==> flow/design.v <==
module subtractor #(
  parameter int NBITS = 128
) (
  input logic clk_i,
  input logic clr,
  input logic [NBITS-1:0] da,
  input logic [NBITS-1:0] db,
  output logic [NBITS-1:0] d
);
  always_ff @(posedge clk_i) begin
    if (clr) begin
      d <= 0;
    end else begin
      d <= (da > db) ? da - db : db - da;
    end
  end
endmodule
---- From RTL to reports: subtractor ----
Tool output for the design above, in the order of the flow.
Lines are those of the file above, counted from 1.
Cell names lack the library's common part.
The mark -- stands for no value.
set-up
  top module .............................. subtractor
  clock port .............................. clk_i
  standard-cell library ................... sky130hd
  timing corner ........................... tt_025C_1v80

---- After elaboration ----
Yosys after proc, flatten, opt, wreduce and memory -nomap, before mapping. Enables and synchronous resets that opt folds into registers are not counted as muxes. Memory bits, and registers merged into a memory's read port (data or address), are not among the register bits. Print and check cells are not counted. Equal cells are merged and count once.
bit counts
  word-level cells ........................ 5
  bits in registers ....................... 128
cells by class
  multiplexer cells ....................... 1
  $lt $le $gt $ge ......................... 1
  $add $sub $neg .......................... 2
operators by type and width
  operator                         count
  subtractor 128 bit               2
  greater-than comparator 128 bit  1
  two-way mux 128 bit              1

---- Depth ----
Longest topological path by Yosys (ltp), each cell counted once; first at word level (registers and memories cut), then after technology mapping (sequential cells cut; the memories' decode and read muxes count).
depth
  word-level depth ........................ 2
  ABC_AREA ................................ 0
  gate-level depth with buffers ........... 17

---- Mapped cells and area ----
Source: synth_stat.txt of the flow (Yosys; design flattened, memories mapped). It holds for the ABC_AREA given above (unset counts as 0); a run with the other value may have another netlist.
mapped netlist
  cell area after synthesis ............... 19886.6 um^2
  standard cells after synthesis .......... 3038
  buffer cells ............................ 158
  sequential area ......................... 2562.5 um^2
  flip-flop cells ......................... 128
cells by type
  cell type  count  area in all (um^2)
  ha_1       255    3190.56
  dfxtp_1    128    2.56E+03
  a21oi_1    479    2.4E+03
  o21ai_0    284    1.42E+03
  nor2_1     358    1.34E+03
  inv_1      299    1.12E+03
  nand2_1    268    1.01E+03
  xnor2_1    73     639.363
  nand4_1    92     575.552
  o21bai_1   65     487.968
  buf_2      88     440.422
  a21o_1     58     435.418
  xor2_1     47     411.645
  o211ai_1   35     262.752
  nor3_1     47     235.226
  a211oi_1   28     210.202
  a31oi_1    33     206.448
  clkbuf_1   50     187.68
Other cell types: 72; their cells: 351.

---- Worst setup path after synthesis ----
OpenSTA on the mapped netlist: ideal clock, no wires. The path of least setup slack (recovery checks aside). Input and output delay are each 20% of the period. Register names are those of the netlist, which keeps one name where synthesis merged equal registers.
timing path post-synthesis
  path kind ............................... input to register
  start ................................... input port da[63]
  end ..................................... register d[119]
  external input delay .................... 984 ps
  slack ................................... 785 ps
  path delay .............................. 3150 ps
  buffers on the path ..................... 1
  library setup time ...................... 123 ps
  period .................................. 4920 ps
  time at the first pin ................... 984 ps
  data arrival time ....................... 4011 ps
  stages on the path ...................... 14
  period reached after synthesis .......... 4135 ps
"path delay" is the arrival time less input delay plus setup time.
"stages on the path": output pins that drive a net of the path, with the launching flip-flop's if there is one; two outputs of one cell count as two.
"period reached after synthesis" is the clock period less the worst setup slack; recovery checks do not enter. This is arithmetic on one report: input and output delays are still those of the set period (20% each).
The rows between start and end are the longest chain of elaborated cells between them; the timing report does not say that the signal goes this way. Where chains are equally long, one stands for them.
A line is the first line of the expression or statement that the cell stems from. Yosys adds cells for indexed reads and writes and turns some case tables into memories.
between the ends, post-synthesis
  cell sequence ........................... inv_1 ha_1 buf_4 nand4_4 or4_4 or4_4 or2_0 o2111a_1 nor2_2 a21oi_1 o21bai_2 nand2_1 a31oi_1 mux2_1
  cells in the longest elaborated chain ... 2
  elaborated cells on any way between the ends .. 4
  classes of those cells .................. 2 x add/sub; 1 x compare; 1 x mux
RTL lines, path post-synthesis
  what                 line  source
  start, declared      6     input logic [NBITS-1:0] da,
  subtractor 128 bit   14    d <= (da > db) ? da - db : db - da;
  two-way mux 128 bit  14
  end, assigned        12    d <= 0;
  end, assigned        14
  end, declared        8     output logic [NBITS-1:0] d

---- Timing after layout ----
Path of least setup slack in the final report of run 3 (OpenROAD, finished layout, wires in). Where an end is a register, its clock arrival counts in the times.
The path's times are printed in steps of 10 ps; the period is the one set.
timing path post-layout
  path kind ............................... input to register
  start ................................... input port da[69]
  end ..................................... register d[119]
  library setup time ...................... 110 ps
  stages on the path ...................... 15
  slack ................................... 140 ps
  external input delay .................... 980 ps
  time at the first pin ................... 980 ps
  buffers on the path ..................... 2
  data arrival time ....................... 5180 ps
  period .................................. 4920 ps
The rows between start and end are the longest chain of elaborated cells between them; the timing report does not say that the signal goes this way. Where chains are equally long, one stands for them.
between the ends, post-layout
  cell sequence ........................... clkdlybuf4s50_1 inv_1 ha_1 nand4_1 or4_4 or4_4 or2_0 o2111a_1 nor2_2 a21oi_1 buf_4 o21bai_2 nand2_1 a31oi_1 mux2_1
  cells in the longest elaborated chain ... 2
  elaborated cells on any way between the ends .. 4
  classes of those cells .................. 2 x add/sub; 1 x compare; 1 x mux
RTL lines, path post-layout
  what                 line  source
  start, declared      6     input logic [NBITS-1:0] da,
  subtractor 128 bit   14    d <= (da > db) ? da - db : db - da;
  two-way mux 128 bit  14
  end, assigned        12    d <= 0;
  end, assigned        14
  end, declared        8     output logic [NBITS-1:0] d

Lab notebook: subtractor

Record of 3 stored runs of the RTL-to-layout flow on subtractor, platform sky130hd. The runs are unordered. Constraints: input delay and output delay 20% of the set period each, output load 0.01 pF.
"achieved clock period" means the clock period less the worst setup slack. The figure is calculated, with input and output delays left at 20% of the set period.
"time used up by the worst setup path" = time allowed to the worst setup path (clock period - input delay - output delay, where it has them) - its slack; a late launch clock adds to it, a late capture clock takes from it.
"time used up by the worst setup path" is known to 10 ps.

======== run 1 ========
==> flow/run.sh <==
#!/bin/bash
# the make line also repeats the synthesis and layout settings of config.mk as NAME=value (left out here)
make -C /OpenROAD-flow-scripts/flow DESIGN_CONFIG=/design/flow/config.mk WORK_HOME=/design/flow/orfs CLKGATE_MAP_FILE= finish
==> flow/config.mk <==
export PLATFORM = sky130hd
export DESIGN_NAME = subtractor
export DESIGN_NICKNAME = subtractor
export VERILOG_FILES = /design/flow/design.v
export SDC_FILE = /design/flow/constraint.sdc
export NUM_CORES = 4
export LEC_CHECK = 0
export ABC_AREA = 0
export CAP_MARGIN = 20
export CELL_PAD_IN_SITES_DETAIL_PLACEMENT = 1
export CELL_PAD_IN_SITES_GLOBAL_PLACEMENT = 0
export CORE_MARGIN = 8
export CORE_UTILIZATION = 61
export MAX_ROUTING_LAYER = met5
export PLACE_DENSITY = 0.88
export SETUP_SLACK_MARGIN = 1.17
export SLEW_MARGIN = 20
==> flow/constraint.sdc <==
create_clock -name core_clock -period 5.91 [get_ports {clk_i}]
set_input_delay 1.1820 -clock core_clock [delete_from_list [all_inputs] [get_ports {clk_i}]]
set_output_delay 1.1820 -clock core_clock [all_outputs]
set_load 0.01 [all_outputs]

-------- run 1 --------
  no final report: placement broke off with DPL-0033

======== run 2 ========
==> flow/run.sh <==
#!/bin/bash
# the make line also repeats the synthesis and layout settings of config.mk as NAME=value (left out here)
make -C /OpenROAD-flow-scripts/flow DESIGN_CONFIG=/design/flow/config.mk WORK_HOME=/design/flow/orfs CLKGATE_MAP_FILE= finish
==> flow/config.mk <==
export PLATFORM = sky130hd
export DESIGN_NAME = subtractor
export DESIGN_NICKNAME = subtractor
export VERILOG_FILES = /design/flow/design.v
export SDC_FILE = /design/flow/constraint.sdc
export NUM_CORES = 4
export LEC_CHECK = 0
export CAP_MARGIN = 20
export CELL_PAD_IN_SITES_GLOBAL_PLACEMENT = 0
export CORE_MARGIN = 2
export CORE_UTILIZATION = 42
export CTS_CLUSTER_SIZE = 30
export GPL_ROUTABILITY_DRIVEN = 0
export MAX_ROUTING_LAYER = met4
export MIN_ROUTING_LAYER = met2
export PLACE_DENSITY_LB_ADDON = 0.25
export SLEW_MARGIN = 20
export TNS_END_PERCENT = 80
==> flow/constraint.sdc <==
create_clock -name core_clock -period 3.82 [get_ports {clk_i}]
set_input_delay 0.7640 -clock core_clock [delete_from_list [all_inputs] [get_ports {clk_i}]]
set_output_delay 0.7640 -clock core_clock [all_outputs]
set_load 0.01 [all_outputs]

-------- run 2 --------
  no final report: routing broke off with GRT-0116

======== run 3 ========
==> flow/run.sh <==
#!/bin/bash
# the make line also repeats the synthesis and layout settings of config.mk as NAME=value (left out here)
make -C /OpenROAD-flow-scripts/flow DESIGN_CONFIG=/design/flow/config.mk WORK_HOME=/design/flow/orfs CLKGATE_MAP_FILE= finish
==> flow/config.mk <==
export PLATFORM = sky130hd
export DESIGN_NAME = subtractor
export DESIGN_NICKNAME = subtractor
export VERILOG_FILES = /design/flow/design.v
export SDC_FILE = /design/flow/constraint.sdc
export NUM_CORES = 4
export LEC_CHECK = 0
export CAP_MARGIN = 20
export CORE_MARGIN = 2
export CORE_UTILIZATION = 40
export SLEW_MARGIN = 20
==> flow/constraint.sdc <==
create_clock -name core_clock -period 4.92 [get_ports {clk_i}]
set_input_delay 0.9840 -clock core_clock [delete_from_list [all_inputs] [get_ports {clk_i}]]
set_output_delay 0.9840 -clock core_clock [all_outputs]
set_load 0.01 [all_outputs]

-------- measured, run 3 --------
  time used up by the worst setup path .... 3790 ps
  worst setup path type ................... input to register
  achieved clock period ................... 4779 ps
  worst setup slack after layout .......... 141 ps
  standard-cell area after layout ......... 30311.6 um^2
  cell area after synthesis ............... 19886.6 um^2
  area of the die ......................... 51515.4 um^2
